==> flow/design.v <==
module cpu_multiplier_v2 #(
  parameter integer WD = 5,
  parameter integer MULT_BY = 46341,
  parameter integer SUM_W = WD + $clog2(MULT_BY + 1)
) (
  input wire i_clk,
  input wire rst_i,
  input wire adv,
  input wire [WD-1:0] u,
  output wire [SUM_W-1:0] q
);
  reg [WD-1:0] u_r;
  always @(posedge i_clk) begin
    if (rst_i) begin
      u_r <= 0;
    end else if (adv) begin
      u_r <= u;
    end
  end
  reg [SUM_W-1:0] r;
  integer k;
  always @* begin
    r = 0;
    for (k = 0; k < SUM_W - WD; k = k + 1)
      if ((MULT_BY >> k) & 1) r = r + (u_r << k);
  end
  assign q = r;
endmodule
# Reports on cpu_multiplier_v2
# Tool output for the design above, in the order of the flow.
# Lines are those of the file above, counted from 1.
# Operators carry their Yosys type and port widths (W data, S select, Z words).
# Not given: n/a
# inputs
top_module,cpu_multiplier_v2
clock_port,i_clk
cell_library,sky130hd
pvt_corner,tt_025C_1v80

# Elaborated design
# Yosys after proc, flatten, opt, wreduce and memory -nomap, before mapping. Enables and synchronous resets that opt folds into registers are not counted as muxes. Memory bits, and registers merged into a memory's read port (data or address), are not among the register bits. Print and check cells are not counted. Equal cells are merged and count once.
# word_totals
reg_bits,5
elab_cells,7
input_bits,8
output_inout_bits,21
# op_classes
add_sub_neg,6
# op_table
operator,n
$add A19 B20 Y21,1
$add A18 B18 Y19,1
$add A16 B17 Y18,1
$add A14 B15 Y16,1
$add A8 B13 Y14,1
$add A5 B7 Y8,1

# Depth
# Longest topological path by Yosys (ltp), each cell counted once; first at word level (registers and memories cut), then after technology mapping (sequential cells cut; the memories' decode and read muxes count).
# logic_depth
ltp_word,6
abc_area,0
depth_mapped,7
ltp_nobuf,7

# Mapped cells and area
# Yosys stat after the flow's synthesis: flattened, memories mapped to cells. It holds for the ABC_AREA given above (unset counts as 0); a run with the other value may have another netlist.
# The area totals of this step are shown rounded.
# by_type
cell_type,n,area_total_um2
sky130_fd_sc_hd__ha_1,12,150.144
sky130_fd_sc_hd__fa_1,7,140.134
sky130_fd_sc_hd__dfxtp_1,5,100.096
sky130_fd_sc_hd__xnor2_1,8,70.067
sky130_fd_sc_hd__mux2i_1,5,50.048
sky130_fd_sc_hd__buf_4,6,45.043
sky130_fd_sc_hd__a21oi_1,6,30.029
sky130_fd_sc_hd__o21ai_0,6,30.029
sky130_fd_sc_hd__nor2_1,7,26.275
sky130_fd_sc_hd__o41ai_2,1,16.266
sky130_fd_sc_hd__a21o_1,2,15.014
sky130_fd_sc_hd__inv_1,4,15.014
sky130_fd_sc_hd__o21bai_1,2,15.014
sky130_fd_sc_hd__a211oi_2,1,12.512
sky130_fd_sc_hd__a21o_2,1,8.758
sky130_fd_sc_hd__xor2_1,1,8.758
sky130_fd_sc_hd__a211oi_1,1,7.507
sky130_fd_sc_hd__clkbuf_1,2,7.507
# Other cell types: 6; their cells: 7.
# synth_totals
n_buf,8
ff_cells,5
synth_area_mm2,0.00079
stdcells,84

# Path before layout
# Path of least setup slack by OpenSTA after synthesis, without wires, with an ideal clock, recovery checks aside; 20% of the period is set as input and as output delay. Where synthesis merged equal registers, the netlist keeps one of their names.
# synth_path
path_kind,register to output
startpoint,register u_r[1]
endpoint,output q[19]
period_ns,3.44
out_delay_ns,0.688
slack_ns,0.551
required_ns,2.752
t_first_pin_ns,0.000
path_delay_ns,2.201
arrival_time_ns,2.201
path_stages,8
synth_period_reached_ns,2.889
# "path_delay_ns" is the arrival time less input delay plus setup time.
# A path that ends at an output port has no setup time.
# "path_stages" counts driving pins, that of a launching flip-flop among them; a cell with two outputs on the path counts twice.
# "synth_period_reached_ns" is the clock period less the worst setup slack; recovery checks do not enter. This is arithmetic on one report: input and output delays are still those of the set period (20% each).
# Between the ends stands the longest chain of elaborated cells between them, by number of cells; it is not shown to be the way that was timed. Of several equally long chains one is given.
# A line is the first line of the expression or statement that the cell stems from. Yosys adds cells for indexed reads and writes and turns some case tables into memories.
# synth_via
cell_sequence,sky130_fd_sc_hd__dfxtp_1 sky130_fd_sc_hd__ha_1 sky130_fd_sc_hd__ha_1 sky130_fd_sc_hd__fa_1 sky130_fd_sc_hd__a211oi_1 sky130_fd_sc_hd__o21ai_0 sky130_fd_sc_hd__a31oi_1 sky130_fd_sc_hd__xnor2_1
elab_chain_len,6
cells_between,6
# synth_lines
element,line_no,source
from (decl),12,reg [WD-1:0] u_r;
from (assign),15,u_r <= 0;
from (assign),17,u_r <= u;
$add A5 B7 Y8,25,if ((MULT_BY >> k) & 1) r = r + (u_r << k);
$add A8 B13 Y14,25,
$add A14 B15 Y16,25,
$add A16 B17 Y18,25,
$add A18 B18 Y19,25,
$add A19 B20 Y21,25,
to (decl),10,output wire [SUM_W-1:0] q

# Path in the finished layout
# Path of least setup slack in the final report of entry A (OpenROAD, finished layout, wires in). Where an end is a register, its clock arrival counts in the times.
# layout_path
path_kind,register to output
startpoint,register u_r[0]
endpoint,output q[18]
period_ns,2.11
t_first_pin_ns,0.22
slack_ns,-0.75
arrival_time_ns,2.44
required_ns,1.69
path_stages,9
out_delay_ns,0.42
# Between the ends stands the longest chain of elaborated cells between them, by number of cells; it is not shown to be the way that was timed. Of several equally long chains one is given.
# layout_via
cell_sequence,sky130_fd_sc_hd__dfxtp_4 sky130_fd_sc_hd__fa_2 sky130_fd_sc_hd__ha_4 sky130_fd_sc_hd__a211oi_2 sky130_fd_sc_hd__o21bai_2 sky130_fd_sc_hd__o41ai_2 sky130_fd_sc_hd__buf_4 sky130_fd_sc_hd__xnor2_2 sky130_fd_sc_hd__buf_2
elab_chain_len,6
cells_between,6
# layout_lines
element,line_no,source
from (decl),12,reg [WD-1:0] u_r;
from (assign),15,u_r <= 0;
from (assign),17,u_r <= u;
$add A5 B7 Y8,25,if ((MULT_BY >> k) & 1) r = r + (u_r << k);
$add A8 B13 Y14,25,
$add A14 B15 Y16,25,
$add A16 B17 Y18,25,
$add A18 B18 Y19,25,
$add A19 B20 Y21,25,
to (decl),10,output wire [SUM_W-1:0] q

Data sheet: physical implementation of cpu_multiplier_v2

Below are 3 stored runs of the flow (Yosys, OpenROAD; platform sky130hd) on cpu_multiplier_v2, each with its settings and what was measured, unordered. Constraints: input delay and output delay 20% of the set period each, output load 0.01 pF.
"achievedPeriod_ns" is the run's clock period less its worst setup slack. It is reckoned from that one timing run; input and output delays stay at 20% of the period that was set.
"timing.worst_path_ns": the worst setup path's part of the clock period (all of it between registers, 20% less for each end at a port) less its slack. A launch clock that arrives late makes it longer, a capture clock that arrives late makes it shorter.
"power.total_mw" rests on the timing tool's default activity at the inputs, not on a simulated workload.
Measured values are rounded.

Entry A, flow files:
==> flow/run.sh <==
#!/bin/bash
# the make line also repeats the synthesis and layout settings of config.mk as NAME=value (left out here)
make -C /OpenROAD-flow-scripts/flow DESIGN_CONFIG=/design/flow/config.mk WORK_HOME=/design/flow/orfs CLKGATE_MAP_FILE= finish
==> flow/config.mk <==
export PLATFORM = sky130hd
export DESIGN_NAME = cpu_multiplier_v2
export DESIGN_NICKNAME = cpu_multiplier_v2
export VERILOG_FILES = /design/flow/design.v
export SDC_FILE = /design/flow/constraint.sdc
export NUM_CORES = 4
export LEC_CHECK = 0
export CAP_MARGIN = 5
export CORE_ASPECT_RATIO = 1.7
export CORE_MARGIN = 2
export CORE_UTILIZATION = 19
export MAX_ROUTING_LAYER = met4
export PLACE_DENSITY_LB_ADDON = 0.07
export SETUP_SLACK_MARGIN = 0.62
export SLEW_MARGIN = 20
==> flow/constraint.sdc <==
create_clock -name core_clock -period 2.11 [get_ports {i_clk}]
set_input_delay 0.4220 -clock core_clock [delete_from_list [all_inputs] [get_ports {i_clk}]]
set_output_delay 0.4220 -clock core_clock [all_outputs]
set_load 0.01 [all_outputs]

==> results of entry A, as CSV <==
result,value
achievedPeriod_ns,2.861
final_die_area_mm2,0.0047
util_pct,40
final_setup_ws_ns,-0.75
power.total_mw,0.70
fin_tns_ns,-6.7
synth_area_mm2,0.00079
post_route_stdcell_area_mm2,0.0016
fin_hold_ws_ns,0.56
timing.worst_path_ns,2.44
critical_path_type,"register to output"

Entry B, flow files:
==> flow/run.sh <==
#!/bin/bash
# the make line also repeats the synthesis and layout settings of config.mk as NAME=value (left out here)
make -C /OpenROAD-flow-scripts/flow DESIGN_CONFIG=/design/flow/config.mk WORK_HOME=/design/flow/orfs CLKGATE_MAP_FILE= finish
==> flow/config.mk <==
export PLATFORM = sky130hd
export DESIGN_NAME = cpu_multiplier_v2
export DESIGN_NICKNAME = cpu_multiplier_v2
export VERILOG_FILES = /design/flow/design.v
export SDC_FILE = /design/flow/constraint.sdc
export NUM_CORES = 4
export LEC_CHECK = 0
export CAP_MARGIN = 20
export CORE_ASPECT_RATIO = 1.61
export CORE_MARGIN = 2
export CORE_UTILIZATION = 20
export GPL_TIMING_DRIVEN = 0
export MIN_ROUTING_LAYER = met2
export PLACE_DENSITY = 0.87
export SLEW_MARGIN = 20
export TNS_END_PERCENT = 65
==> flow/constraint.sdc <==
create_clock -name core_clock -period 4.6 [get_ports {i_clk}]
set_input_delay 0.9200 -clock core_clock [delete_from_list [all_inputs] [get_ports {i_clk}]]
set_output_delay 0.9200 -clock core_clock [all_outputs]
set_load 0.01 [all_outputs]

==> results of entry B, as CSV <==
result,value
achievedPeriod_ns,4.106
final_die_area_mm2,0.0045
util_pct,31
final_setup_ws_ns,0.49
power.total_mw,0.27
fin_tns_ns,0.000
synth_area_mm2,0.00079
post_route_stdcell_area_mm2,0.0012
fin_hold_ws_ns,0.65
timing.worst_path_ns,3.19
critical_path_type,"register to output"

Entry C, flow files:
==> flow/run.sh <==
#!/bin/bash
# the make line also repeats the synthesis and layout settings of config.mk as NAME=value (left out here)
make -C /OpenROAD-flow-scripts/flow DESIGN_CONFIG=/design/flow/config.mk WORK_HOME=/design/flow/orfs CLKGATE_MAP_FILE= finish
==> flow/config.mk <==
export PLATFORM = sky130hd
export DESIGN_NAME = cpu_multiplier_v2
export DESIGN_NICKNAME = cpu_multiplier_v2
export VERILOG_FILES = /design/flow/design.v
export SDC_FILE = /design/flow/constraint.sdc
export NUM_CORES = 4
export LEC_CHECK = 0
export CAP_MARGIN = 20
export CORE_MARGIN = 2
export CORE_UTILIZATION = 40
export SLEW_MARGIN = 20
==> flow/constraint.sdc <==
create_clock -name core_clock -period 3.44 [get_ports {i_clk}]
set_input_delay 0.6880 -clock core_clock [delete_from_list [all_inputs] [get_ports {i_clk}]]
set_output_delay 0.6880 -clock core_clock [all_outputs]
set_load 0.01 [all_outputs]

==> results of entry C, as CSV <==
result,value
achievedPeriod_ns,3.257
final_die_area_mm2,0.0023
util_pct,60
final_setup_ws_ns,0.18
power.total_mw,0.31
fin_tns_ns,0.000
synth_area_mm2,0.00079
post_route_stdcell_area_mm2,0.0011
fin_hold_ws_ns,0.57
timing.worst_path_ns,2.57
critical_path_type,"register to output"
